==> flow/design.v <==
module dp_scratch_v2 #(
  parameter int D = 32,
  parameter int DATA_W = 12,
  parameter int IDX_W = $clog2(D)
) (
  input  logic clk,
  input  logic i_wr,
  input  logic [IDX_W-1:0] i_wr_addr,
  input  logic [DATA_W-1:0] i_din,
  input  logic [IDX_W-1:0] i_read_addr_a,
  input  logic [IDX_W-1:0] i_read_addr_b,
  output logic [DATA_W-1:0] o_dout_a,
  output logic [DATA_W-1:0] o_dout_b
);
  logic wr_r;
  logic [IDX_W-1:0] wr_addr_r;
  logic [DATA_W-1:0] din_r;
  logic [DATA_W-1:0] rf [0:D-1];
  always_ff @(posedge clk) begin
    if (wr_r && wr_addr_r != 0)
      rf[wr_addr_r] <= din_r;
  end
  logic [IDX_W-1:0] read_addr_a_r;
  logic [IDX_W-1:0] read_addr_b_r;
  assign o_dout_a = (read_addr_a_r == 0) ? {DATA_W{1'b0}} : rf[read_addr_a_r];
  assign o_dout_b = (read_addr_b_r == 0) ? {DATA_W{1'b0}} : rf[read_addr_b_r];
  always_ff @(posedge clk) begin
    wr_r <= i_wr;
    wr_addr_r <= i_wr_addr;
    din_r <= i_din;
    read_addr_a_r <= i_read_addr_a;
    read_addr_b_r <= i_read_addr_b;
  end
endmodule
Tool chain data of dp_scratch_v2
The steps from the RTL of dp_scratch_v2 to its reports follow in flow order.
Lines are those of the file above, counted from 1.
Operators: Yosys type, input widths -> output width; for muxes data width and select width s.
Cell names lack the library's common part.
The mark -- stands for no value.

design
  top = dp_scratch_v2
  clock port = clk
  standard-cell library = sky130hd
  corner = tt_025C_1v80

Elaborated design
Counts by Yosys on the flattened word-level netlist (proc, flatten, opt, wreduce; memories kept). Print and check cells are left out. Cells with the same type and inputs are merged into one.
Memory sizes are those after Yosys's memory passes, which may raise the word count (mostly to a power of two), join words into wider ones and drop unused or constant bits.

word-level totals
  bits in writable memories = 384
  word width x clocked read ports = 24
  bits of input ports = 29
  memories kept = 1
  latch bits = 0
  word-level cells = 15
  output and inout port bits = 24
  ROM bits = 0
  bits in registers = 28

memories
  memory  words  width  rd ports  write ports  line  source
  rf      32     12     2         1            18    logic [DATA_W-1:0] rf [0:D-1];

operators by class
  divide/modulo/power cells = 0
  shift operators = 0
  muxes and demuxes = 5
  reduce/logical cells = 4
  bitwise gates (word level) = 0
  multiply operators = 0
  $add $sub $neg = 0
  order comparisons = 0
  equality and inequality tests = 0

operators by type and width
  cell               count
  $mux 12            3
  $logic_not 5->1    2
  $reduce_bool 5->1  1
  $mux 5             1
  $logic_and 1x1->1  1
  $mux 1             1

Logic depth
Yosys ltp: most cells in a row. Word level: on the elaborated netlist, between registers, memories and ports. Mapped: between sequential cells and ports; inverters and the memories' decode and read muxes count.

logic depth
  word-level depth = 3
  ABC_AREA = 1
  depth in mapped cells = 12

Synthesis result
Yosys stat after the flow's synthesis: flattened, memories mapped to cells. It holds for the ABC_AREA given above (unset counts as 0); a run with the other value may have another netlist.

cell types
  cell type  count  area in all (um^2)
  edfxtp_1   384    1.15E+04
  nand2_1    782    2.94E+03
  nand3_1    350    1751.68
  nor2_1     296    1.11E+03
  dfxtp_1    28     560.538
  o21ai_0    112    560.538
  a21oi_1    61     305.293
  buf_6      27     304.042
  buf_2      54     270.259
  buf_4      35     262.752
  o21ai_1    44     220.211
  inv_1      49     183.926
  clkbuf_1   29     108.854
  o211ai_1   14     105.101
  buf_1      11     41.29
  o22ai_1    5      31.28
  nor2_8     1      20.019
  inv_2      5      18.768

Not listed: further types 8, cells in them 10.

synthesis totals
  mapped flip-flops = 412
  buffer cells = 156
  chip area (Yosys) = 20393.3 um^2
  sequential part of the area = 12091.6 um^2
  cells in the netlist = 2297

Timing after synthesis
Source: OpenSTA report_checks on the synthesized netlist (no wires, ideal clock, input and output delay 20% of the period each), path of least setup slack; recovery checks are left aside. Register names are those of the netlist, which keeps one name where synthesis merged equal registers.

timing path post-synthesis
  kind = reg-to-output
  start point = reg read_addr_b_r[3]
  end point = out o_dout_b[7]
  path delay = 1303 ps
  arrival = 1303 ps
  stages on the path = 10
  buffers on the path = 2
  clock period = 2810 ps
  setup slack = 945 ps
  external output delay = 562 ps
  period reached after synthesis = 1865 ps

"path delay" = arrival - input delay + setup time.
At an output port there is no setup time.
"stages on the path" counts driving pins, that of a launching flip-flop among them; a cell with two outputs on the path counts twice.
"period reached after synthesis" = period - worst setup slack (recovery checks aside). The figure is calculated, with input and output delays left at 20% of the set period.
The rows between start and end are the longest chain of elaborated cells between them; the timing report does not say that the signal goes this way. Where chains are equally long, one stands for them.
A line is the first line of the expression or statement that the cell stems from. Yosys adds cells for indexed reads and writes and turns some case tables into memories.

between the ends, post-synthesis
  path through = dfxtp_1 -> buf_4 -> nor3_4 -> buf_6 -> nand2_1 -> nand3_1 -> a21oi_1 -> nand2_1 -> nand2_1 -> nor2_1
  length of the longest elaborated chain = 2
  elaborated cells between the ends (all ways) = 2
  classes of those cells = 1 x mux; 1 x reduce/logical

ends and longest elaborated chain, post-synthesis
  what             line  source
  from (decl)      24    logic [IDX_W-1:0] read_addr_b_r;
  from (assign)    32    read_addr_b_r <= i_read_addr_b;
  $logic_not 5->1  26    assign o_dout_b = (read_addr_b_r == 0) ? {DATA_W{1'b0}} : rf[read_addr_b_r];
  $mux 12          26
  to (decl)        13    output logic [DATA_W-1:0] o_dout_b

Timing after layout
Path of least setup slack in the final report of run 1 (OpenROAD, finished layout, wires in). Where an end is a register, its clock arrival counts in the times.
The report prints the path's times to 10 ps; the period is as set.

timing path after layout
  kind = reg-to-output
  start point = reg read_addr_b_r[0]
  end point = out o_dout_b[5]
  stages on the path = 13
  setup slack = -1130 ps
  clock period = 1620 ps
  buffers on the path = 4
  external output delay = 320 ps
  arrival = 2430 ps

The rows between start and end are the longest chain of elaborated cells between them; the timing report does not say that the signal goes this way. Where chains are equally long, one stands for them.

between the ends, after layout
  path through = dfxtp_4 -> buf_12 -> inv_16 -> buf_16 -> buf_4 -> nand2_1 -> nand3_1 -> o21ai_2 -> nand2_1 -> nand3_2 -> nor2_4 -> nor2_4 -> buf_6
  length of the longest elaborated chain = 2
  elaborated cells between the ends (all ways) = 2
  classes of those cells = 1 x mux; 1 x reduce/logical

ends and longest elaborated chain, after layout
  what             line  source
  from (decl)      24    logic [IDX_W-1:0] read_addr_b_r;
  from (assign)    32    read_addr_b_r <= i_read_addr_b;
  $logic_not 5->1  26    assign o_dout_b = (read_addr_b_r == 0) ? {DATA_W{1'b0}} : rf[read_addr_b_r];
  $mux 12          26
  to (decl)        13    output logic [DATA_W-1:0] o_dout_b

Subject: flow runs of dp_scratch_v2

Hi,

Below are 3 stored runs of the flow (Yosys, OpenROAD; platform sky130hd) on dp_scratch_v2, each with its settings and what was measured, unordered. Constraints: input delay and output delay 20% of the set period each, output load 0.01 pF.
By "time on the worst setup path" is meant the share of the clock period that the worst setup path is allowed (20% is reserved at inputs, 20% at outputs), minus its slack. Clock arrival times at its registers enter into it.
"total power after layout" rests on the timing tool's default activity at the inputs, not on a simulated workload.
"time on the worst setup path" is given in steps of 10 ps.
Settings: n/a = not set for that run.
Among the results, n/a means that no value is shown for the run.

item                                run 1          run 2          run 3
period_ns                           1.62           2.81           1.44
CORE_UTILIZATION                    32             40             50
SETUP_SLACK_MARGIN                  0.29           n/a            0.26
PLACE_DENSITY_LB_ADDON              0.21           n/a            0.16
CELL_PAD_IN_SITES_DETAIL_PLACEMENT  0              n/a            2
ABC_AREA                            1              n/a            0
GPL_TIMING_DRIVEN                   1              n/a            1
GPL_ROUTABILITY_DRIVEN              1              n/a            n/a
CTS_CLUSTER_DIAMETER                256            n/a            n/a
CAP_MARGIN                          20             20             20
SLEW_MARGIN                         5              20             20
MAX_ROUTING_LAYER                   met5           n/a            n/a
CORE_MARGIN                         2              2              2
CELL_PAD_IN_SITES_GLOBAL_PLACEMENT  n/a            n/a            3
TNS_END_PERCENT                     n/a            n/a            30
MIN_ROUTING_LAYER                   n/a            n/a            met1
post-layout utilization (%)         47.0           53.4           n/a
setup slack of the worst path (ps)  -1130          -417           n/a
time on the worst setup path (ps)   2430           2670           n/a
class of the worst setup path       reg-to-output  reg-to-output  n/a
cell area after synthesis (um^2)    20393.3        18651.6        n/a
total power after layout (mW)       27.220         14.465         n/a
die area (um^2)                     65764.0        48371.4        n/a

Run 3: no results, clock tree synthesis failed with DPL-0033

Regards
